==> flow/design.v <==
module my_mul_unit #(
   parameter integer WIDTH = 8
) (
   input wire ck,
   input wire rstn,
   input wire [WIDTH-1:0] src1_in,
   input wire [WIDTH-1:0] src2_in,
   output reg [2*WIDTH-1:0] p_out
);
   reg [WIDTH-1:0] r_src1;
   reg [WIDTH-1:0] r_src2;
   always @(posedge ck) begin
      if (~rstn) begin
         r_src1 <= 0;
         r_src2 <= 0;
         p_out <= 0;
      end else begin
         r_src1 <= src1_in;
         r_src2 <= src2_in;
         p_out <= r_src1 * r_src2;
      end
   end
endmodule
Step by step through the tools: my_mul_unit

Tool output for the design above, in the order of the flow.
Line numbers count from 1 in the design file above.
Operators: Yosys type, input widths -> output width; for muxes data width and select width s.
Cell names lack the library's common part.
Not given: --

Design top: my_mul_unit
Clock: ck
Standard-cell library: sky130hd
Timing corner: tt_025C_1v80

Word-level counts

Counts by Yosys on the flattened word-level netlist (proc, flatten, opt, wreduce; memories kept). Register bits leave out memories and registers merged into their read ports (data or address); mux counts leave out enables and synchronous resets folded into registers. Print and check cells are left out. Cells with the same type and inputs are merged into one.

Word-level cells: 4
Bits in registers: 32
Output and inout bits: 16
Bits of input ports: 18

$mul: 1

Operators by type and width:

| kind         | number |
| $mul 8x8->16 | 1 |

Depth

Yosys ltp: most cells in a row. Word level: on the elaborated netlist, between registers, memories and ports. Mapped: between sequential cells and ports; inverters and the memories' decode and read muxes count.

Depth in word-level cells: 1
ABC_AREA: 0
Depth in mapped cells: 15
Gate-level depth less buffers: 15

Mapped cells and area

The flow's flattened synthesis, as Yosys stat reports it; memories are mapped. The netlist is that of the ABC_AREA named above (0 if unset); the other value can give another one.

Sequential area: 0.0006406 mm^2
Cell area after synthesis: 0.0029278 mm^2
Buffer cells: 4
Cells in the netlist: 313
Flip-flop cells: 32

Cell types:

| type     | number | area in all (um^2) |
| fa_1     | 36     | 720.691 |
| dfxtp_1  | 32     | 640.614 |
| ha_1     | 36     | 450.432 |
| and2_1   | 64     | 400.384 |
| inv_1    | 49     | 183.926 |
| nand2_1  | 27     | 101.347 |
| mux2i_1  | 5      | 50.048 |
| nor2_1   | 12     | 45.043 |
| a21oi_1  | 6      | 30.029 |
| o21a_1   | 4      | 30.029 |
| nand2b_1 | 4      | 25.024 |
| a211oi_1 | 3      | 22.522 |
| a21o_1   | 3      | 22.522 |
| nor3_1   | 4      | 20.019 |
| xor2_1   | 2      | 17.517 |
| clkbuf_1 | 4      | 15.014 |
| o21ai_0  | 3      | 15.014 |
| nor2b_4  | 1      | 13.763 |

Not listed: further types 14, cells in them 18.

Timing after synthesis

Source: OpenSTA report_checks on the synthesized netlist (no wires, ideal clock, input and output delay 20% of the period each), path of least setup slack; recovery checks are left aside. Register names are those of the netlist, which keeps one name where synthesis merged equal registers.

Path kind: register -> register
Start: register r_src2[4]
End: register p_out[11]
Path slack: 970 ps
Data arrival time: 3,818 ps
Period: 4,860 ps
Stages on the path: 16
Library setup time: 72 ps
Launch time at the first pin: 0 ps
Buffers on the path: 0
Data required time: 4,788 ps
Delay of the path: 3,890 ps
Period reached after synthesis: 3,890 ps

"delay of the path" = arrival - input delay + setup time.
"stages on the path": output pins that drive a net of the path, with the launching flip-flop's if there is one; two outputs of one cell count as two.
"period reached after synthesis" is the clock period less the worst setup slack; recovery checks do not enter. This is arithmetic on one report: input and output delays are still those of the set period (20% each).
Between the ends stands the longest chain of elaborated cells between them, by number of cells; it is not shown to be the way that was timed. Of several equally long chains one is given.
Each line given opens the expression or statement behind the cell; cells for indexed reads and writes are added by Yosys, which also makes memories of some case tables.

Cells stage by stage: dfxtp_1 -> and2_1 -> fa_1 -> inv_1 -> fa_1 -> inv_1 -> fa_1 -> inv_1 -> fa_1 -> inv_1 -> ha_1 -> o21a_1 -> o31a_1 -> o21a_1 -> a31oi_1 -> mux2i_1
Length of the longest elaborated chain: 1
Elaborated cells on any way between the ends: 1
Source lines of those cells: 1
Classes of those cells: mul (1)

RTL lines, path post-synthesis:

| what          | line | RTL |
| from (decl)   | 11   | `reg [WIDTH-1:0] r_src2;` |
| from (assign) | 15   | `r_src2 <= 0;` |
| from (assign) | 19   | `r_src2 <= src2_in;` |
| $mul 8x8->16  | 20   | `p_out <= r_src1 * r_src2;` |
| to (assign)   | 16   | `p_out <= 0;` |
| to (assign)   | 20   |  |
| to (decl)     | 8    | `output reg [2*WIDTH-1:0] p_out` |

Path in the finished layout

From the final timing report of entry A: the path of least setup slack in the routed layout; clock arrival at registers is part of the times.
The report prints the path's times to 10 ps; the period is as set.

Path kind: register -> register
Start: register r_src2[6]
End: register p_out[15]
Launch time at the first pin: 290 ps
Data arrival time: 4,540 ps
Path slack: 1,400 ps
Stages on the path: 14
Data required time: 5,950 ps
Library setup time: 60 ps
Period: 5,720 ps
Buffers on the path: 0

Between the ends stands the longest chain of elaborated cells between them, by number of cells; it is not shown to be the way that was timed. Of several equally long chains one is given.

Cells stage by stage: dfxtp_1 -> and2_1 -> fa_1 -> fa_1 -> fa_1 -> inv_1 -> fa_1 -> inv_1 -> ha_1 -> and3_1 -> o2111a_1 -> o31ai_1 -> a31oi_1 -> mux2i_1
Length of the longest elaborated chain: 1
Elaborated cells on any way between the ends: 1
Source lines of those cells: 1
Classes of those cells: mul (1)

RTL lines, path after layout:

| what          | line | RTL |
| from (decl)   | 11   | `reg [WIDTH-1:0] r_src2;` |
| from (assign) | 15   | `r_src2 <= 0;` |
| from (assign) | 19   | `r_src2 <= src2_in;` |
| $mul 8x8->16  | 20   | `p_out <= r_src1 * r_src2;` |
| to (assign)   | 16   | `p_out <= 0;` |
| to (assign)   | 20   |  |
| to (decl)     | 8    | `output reg [2*WIDTH-1:0] p_out` |

Record of 3 stored runs of the RTL-to-layout flow on my_mul_unit, platform sky130hd. The runs are unordered. Constraints: input delay and output delay 20% of the set period each, output load 0.01 pF.
"reached clock period" = clock period - worst setup slack. The figure is calculated, with input and output delays left at 20% of the set period.
By "worst setup path time" is meant the share of the clock period that the worst setup path is allowed (20% is reserved at inputs, 20% at outputs), minus its slack. Clock arrival times at its registers enter into it.
"worst setup path time" is known to 10 ps.
Settings: - = not set for that run.

| name                                      | entry A              | entry B              | entry C              |
| period_ns                                 | 5.72                 | 4.86                 | 4.98                 |
| CORE_UTILIZATION                          | 48                   | 40                   | 25                   |
| SETUP_SLACK_MARGIN                        | 1.08                 | -                    | -                    |
| PLACE_DENSITY_LB_ADDON                    | 0.14                 | -                    | -                    |
| CORE_ASPECT_RATIO                         | 1.41                 | -                    | -                    |
| CORE_MARGIN                               | 10                   | 2                    | 2                    |
| CELL_PAD_IN_SITES_GLOBAL_PLACEMENT        | 2                    | -                    | -                    |
| TNS_END_PERCENT                           | 30                   | -                    | -                    |
| GPL_TIMING_DRIVEN                         | 0                    | -                    | -                    |
| CTS_CLUSTER_SIZE                          | 64                   | -                    | -                    |
| CTS_CLUSTER_DIAMETER                      | 174                  | -                    | -                    |
| MIN_ROUTING_LAYER                         | met2                 | -                    | met1                 |
| CAP_MARGIN                                | 20                   | 20                   | 20                   |
| SLEW_MARGIN                               | 20                   | 20                   | 20                   |
| HOLD_SLACK_MARGIN                         | -                    | -                    | 0.25                 |
| CELL_PAD_IN_SITES_DETAIL_PLACEMENT        | -                    | -                    | 1                    |
| MAX_ROUTING_LAYER                         | -                    | -                    | met5                 |
| chip area after synthesis (Yosys) (mm^2)  | 0.0029278            | 0.0029278            | 0.0029278            |
| worst setup path time (ps)                | 4,320                | 4,300                | 4,290                |
| kind of the worst setup path              | register -> register | register -> register | register -> register |
| reached clock period (ps)                 | 4,316                | 4,298                | 4,291                |
| std-cell area (final layout) (mm^2)       | 0.0034396            | 0.0034671            | 0.0035859            |
| die area (mm^2)                           | 0.0096697            | 0.0080201            | 0.0125933            |
| worst setup slack after layout (ps)       | 1,405                | 562                  | 689                  |
| total negative slack on setup checks (ps) | 0                    | 0                    | 0                    |
